==> flow/design.v <==
module gen_relation #(
   parameter BITS = 10
) (
   input wire clk_i,
   input wire [BITS-1:0] i_x,
   input wire [BITS-1:0] i_y,
   output reg o_equal
);
   reg [BITS-1:0] x_q;
   reg [BITS-1:0] y_q;
   always @(posedge clk_i) begin
      x_q <= i_x;
      y_q <= i_y;
   end
   wire [BITS-1:0] work = x_q ^ y_q;
   always @(posedge clk_i)
      o_equal <= ~|work;
endmodule
# Reports on gen_relation
# Tool output for the design above, in the order of the flow.
# Lines are those of the file above, counted from 1.
# Operators carry their Yosys type and port widths (W data, S select, Z words).
# Cell names lack the library's common part.
# A cell with n/a has no value.
# setup
design	gen_relation
clock	clk_i
library	sky130hd
pvt_corner	tt_025C_1v80

# Elaborated design
# Yosys after proc, flatten, opt, wreduce and memory -nomap, before mapping. Enables and synchronous resets that opt folds into registers are not counted as muxes. Memory bits, and registers merged into a memory's read port (data or address), are not among the register bits. Print and check cells are not counted. Equal cells are merged and count once.
# word_totals
regBits	21
inputBits	21
output_inout_bits	1
word_cells	6
# op_classes
bitwise	1
reduce_and_logical	2
# op_table
op	count
$xor A10 B10 Y10	1
$reduce_or A10 Y1	1
$logic_not A1 Y1	1

# Longest topological paths
# Depth = most cells in a row (Yosys ltp): at word level without a register or memory, in the mapped netlist without a sequential cell, where the memories' decode and read muxes count.
# logic_depth
word_depth	3
abc_area	0
depth_mapped	3
mapped_depth_nobuf	3

# Mapped cells and area
# Source: synth_stat.txt of the flow (Yosys; design flattened, memories mapped). It holds for the ABC_AREA given above (unset counts as 0); a run with the other value may have another netlist.
# by_type
type	count	type_area_um2
dfxtp_1	21	420.403
xnor2_1	8	70.067
xor2_1	2	17.517
nand4_1	2	12.512
nor4_2	1	12.512
# mapped
stdcells	34
area_um2	533.0
sequential_area_um2	420.4
ffs	21
buffers	0

# Timing after synthesis
# Path of least setup slack by OpenSTA after synthesis, without wires, with an ideal clock, recovery checks aside; 20% of the period is set as input and as output delay. Where synthesis merged equal registers, the netlist keeps one of their names.
# synth_timing
path_type	flip-flop to flip-flop
from	register y_q[5]
to	register o_equal
tclk_ns	1.01
setup_ns	0.088
t_first_pin_ns	0.000
arrival_ns	0.720
required_ns	0.922
setup_slack_ns	0.203
path_delay_ns	0.808
stages	4
path_buffers	0
period_less_setup_slack_ns	0.807
# "path_delay_ns" is the arrival time less input delay plus setup time.
# "stages": output pins that drive a net of the path, with the launching flip-flop's if there is one; two outputs of one cell count as two.
# "period_less_setup_slack_ns" = period - worst setup slack (recovery checks aside). The figure is calculated, with input and output delays left at 20% of the set period.
# Between the ends stands the longest chain of elaborated cells between them, by number of cells; it is not shown to be the way that was timed. Of several equally long chains one is given.
# A line is the first line of the expression or statement that the cell stems from. Yosys adds cells for indexed reads and writes and turns some case tables into memories.
# synth_between
cell_sequence	dfxtp_1 > xnor2_1 > nand4_1 > nor4_2
elab_chain_cells	3
cells_between	3
cone_classes	logic (1); reduce/logical (2)
# synth_rtl
item	line_no	source
start, declared	10	reg [BITS-1:0] y_q;
start, assigned	13	y_q <= i_y;
$xor A10 B10 Y10	15	wire [BITS-1:0] work = x_q ^ y_q;
$reduce_or A10 Y1	17	o_equal <= ~|work;
$logic_not A1 Y1	17
end, assigned	17
end, declared	7	output reg o_equal

# Path in the finished layout
# From the final timing report of record 1: the path of least setup slack in the routed layout; clock arrival at registers is part of the times.
# layout_timing
path_type	flip-flop to output port
from	register o_equal
to	output o_equal
tclk_ns	1.34
output_delay_ns	0.27
t_first_pin_ns	0.29
arrival_ns	0.88
required_ns	1.07
setup_slack_ns	0.20
stages	2
path_buffers	1
# layout_between
cell_sequence	dfxtp_1 > dlygate4sd2_1
elab_chain_cells	0
cells_between	0
# layout_rtl
item	line_no	source
start, declared	7	output reg o_equal
start, assigned	17	o_equal <= ~|work;
end, declared	7

Data sheet: physical implementation of gen_relation

Settings and measured results of 3 stored flow runs for module gen_relation (sky130hd), not sorted in any way. The constraints put input and output delay at 20% of the set period each and load the outputs with 0.01 pF.
"achieved_period_ns" means the clock period less the worst setup slack. The figure is calculated, with input and output delays left at 20% of the set period.
"worst_path_ns" = time allowed to the worst setup path (clock period - input delay - output delay, where it has them) - its slack; a late launch clock adds to it, a late capture clock takes from it.

Record 1, flow files:
==> flow/run.sh <==
#!/bin/bash
# the make line also repeats the synthesis and layout settings of config.mk as NAME=value (left out here)
make -C /OpenROAD-flow-scripts/flow DESIGN_CONFIG=/design/flow/config.mk WORK_HOME=/design/flow/orfs CLKGATE_MAP_FILE= finish
==> flow/config.mk <==
export PLATFORM = sky130hd
export DESIGN_NAME = gen_relation
export DESIGN_NICKNAME = gen_relation
export VERILOG_FILES = /design/flow/design.v
export SDC_FILE = /design/flow/constraint.sdc
export NUM_CORES = 4
export LEC_CHECK = 0
export ABC_AREA = 0
export CAP_MARGIN = 20
export CORE_MARGIN = 2
export CORE_UTILIZATION = 30
export GPL_ROUTABILITY_DRIVEN = 1
export GPL_TIMING_DRIVEN = 1
export MIN_ROUTING_LAYER = met2
export PLACE_DENSITY_LB_ADDON = 0.02
export SLEW_MARGIN = 20
export TNS_END_PERCENT = 40
==> flow/constraint.sdc <==
create_clock -name core_clock -period 1.34 [get_ports {clk_i}]
set_input_delay 0.2680 -clock core_clock [delete_from_list [all_inputs] [get_ports {clk_i}]]
set_output_delay 0.2680 -clock core_clock [all_outputs]
set_load 0.01 [all_outputs]

==> results of record 1, as CSV <==
result,value
yosys_chip_area_um2,533.0
hold_worst_slack_ns,0.402
achieved_period_ns,1.145
worst_path_ns,0.88
path_kind,"flip-flop to output port"
fin_tns_ns,0.000
ws_setup_ns,0.195
design.die.area_um2,2129.8
util_frac,0.467

Record 2, flow files:
==> flow/run.sh <==
#!/bin/bash
# the make line also repeats the synthesis and layout settings of config.mk as NAME=value (left out here)
make -C /OpenROAD-flow-scripts/flow DESIGN_CONFIG=/design/flow/config.mk WORK_HOME=/design/flow/orfs CLKGATE_MAP_FILE= finish
==> flow/config.mk <==
export PLATFORM = sky130hd
export DESIGN_NAME = gen_relation
export DESIGN_NICKNAME = gen_relation
export VERILOG_FILES = /design/flow/design.v
export SDC_FILE = /design/flow/constraint.sdc
export NUM_CORES = 4
export LEC_CHECK = 0
export CAP_MARGIN = 20
export CORE_MARGIN = 2
export CORE_UTILIZATION = 40
export SLEW_MARGIN = 20
==> flow/constraint.sdc <==
create_clock -name core_clock -period 1.01 [get_ports {clk_i}]
set_input_delay 0.2020 -clock core_clock [delete_from_list [all_inputs] [get_ports {clk_i}]]
set_output_delay 0.2020 -clock core_clock [all_outputs]
set_load 0.01 [all_outputs]

==> results of record 2, as CSV <==
result,value
yosys_chip_area_um2,533.0
hold_worst_slack_ns,0.336
achieved_period_ns,0.939
worst_path_ns,0.74
path_kind,"flip-flop to output port"
fin_tns_ns,0.000
ws_setup_ns,0.071
design.die.area_um2,1640.7
util_frac,0.618

Record 3, flow files:
==> flow/run.sh <==
#!/bin/bash
# the make line also repeats the synthesis and layout settings of config.mk as NAME=value (left out here)
make -C /OpenROAD-flow-scripts/flow DESIGN_CONFIG=/design/flow/config.mk WORK_HOME=/design/flow/orfs CLKGATE_MAP_FILE= finish
==> flow/config.mk <==
export PLATFORM = sky130hd
export DESIGN_NAME = gen_relation
export DESIGN_NICKNAME = gen_relation
export VERILOG_FILES = /design/flow/design.v
export SDC_FILE = /design/flow/constraint.sdc
export NUM_CORES = 4
export LEC_CHECK = 0
export CAP_MARGIN = 20
export CORE_ASPECT_RATIO = 1.06
export CORE_MARGIN = 7
export CORE_UTILIZATION = 39
export CTS_CLUSTER_SIZE = 31
export GPL_ROUTABILITY_DRIVEN = 1
export MAX_ROUTING_LAYER = met4
export PLACE_DENSITY_LB_ADDON = 0.06
export SETUP_SLACK_MARGIN = -0.02
export SLEW_MARGIN = 20
export TNS_END_PERCENT = 30
==> flow/constraint.sdc <==
create_clock -name core_clock -period 0.914 [get_ports {clk_i}]
set_input_delay 0.1828 -clock core_clock [delete_from_list [all_inputs] [get_ports {clk_i}]]
set_output_delay 0.1828 -clock core_clock [all_outputs]
set_load 0.01 [all_outputs]

==> results of record 3, as CSV <==
result,value
yosys_chip_area_um2,533.0
hold_worst_slack_ns,0.314
achieved_period_ns,0.899
worst_path_ns,0.72
path_kind,"flip-flop to output port"
fin_tns_ns,0.000
ws_setup_ns,0.015
design.die.area_um2,2598.1
util_frac,0.633
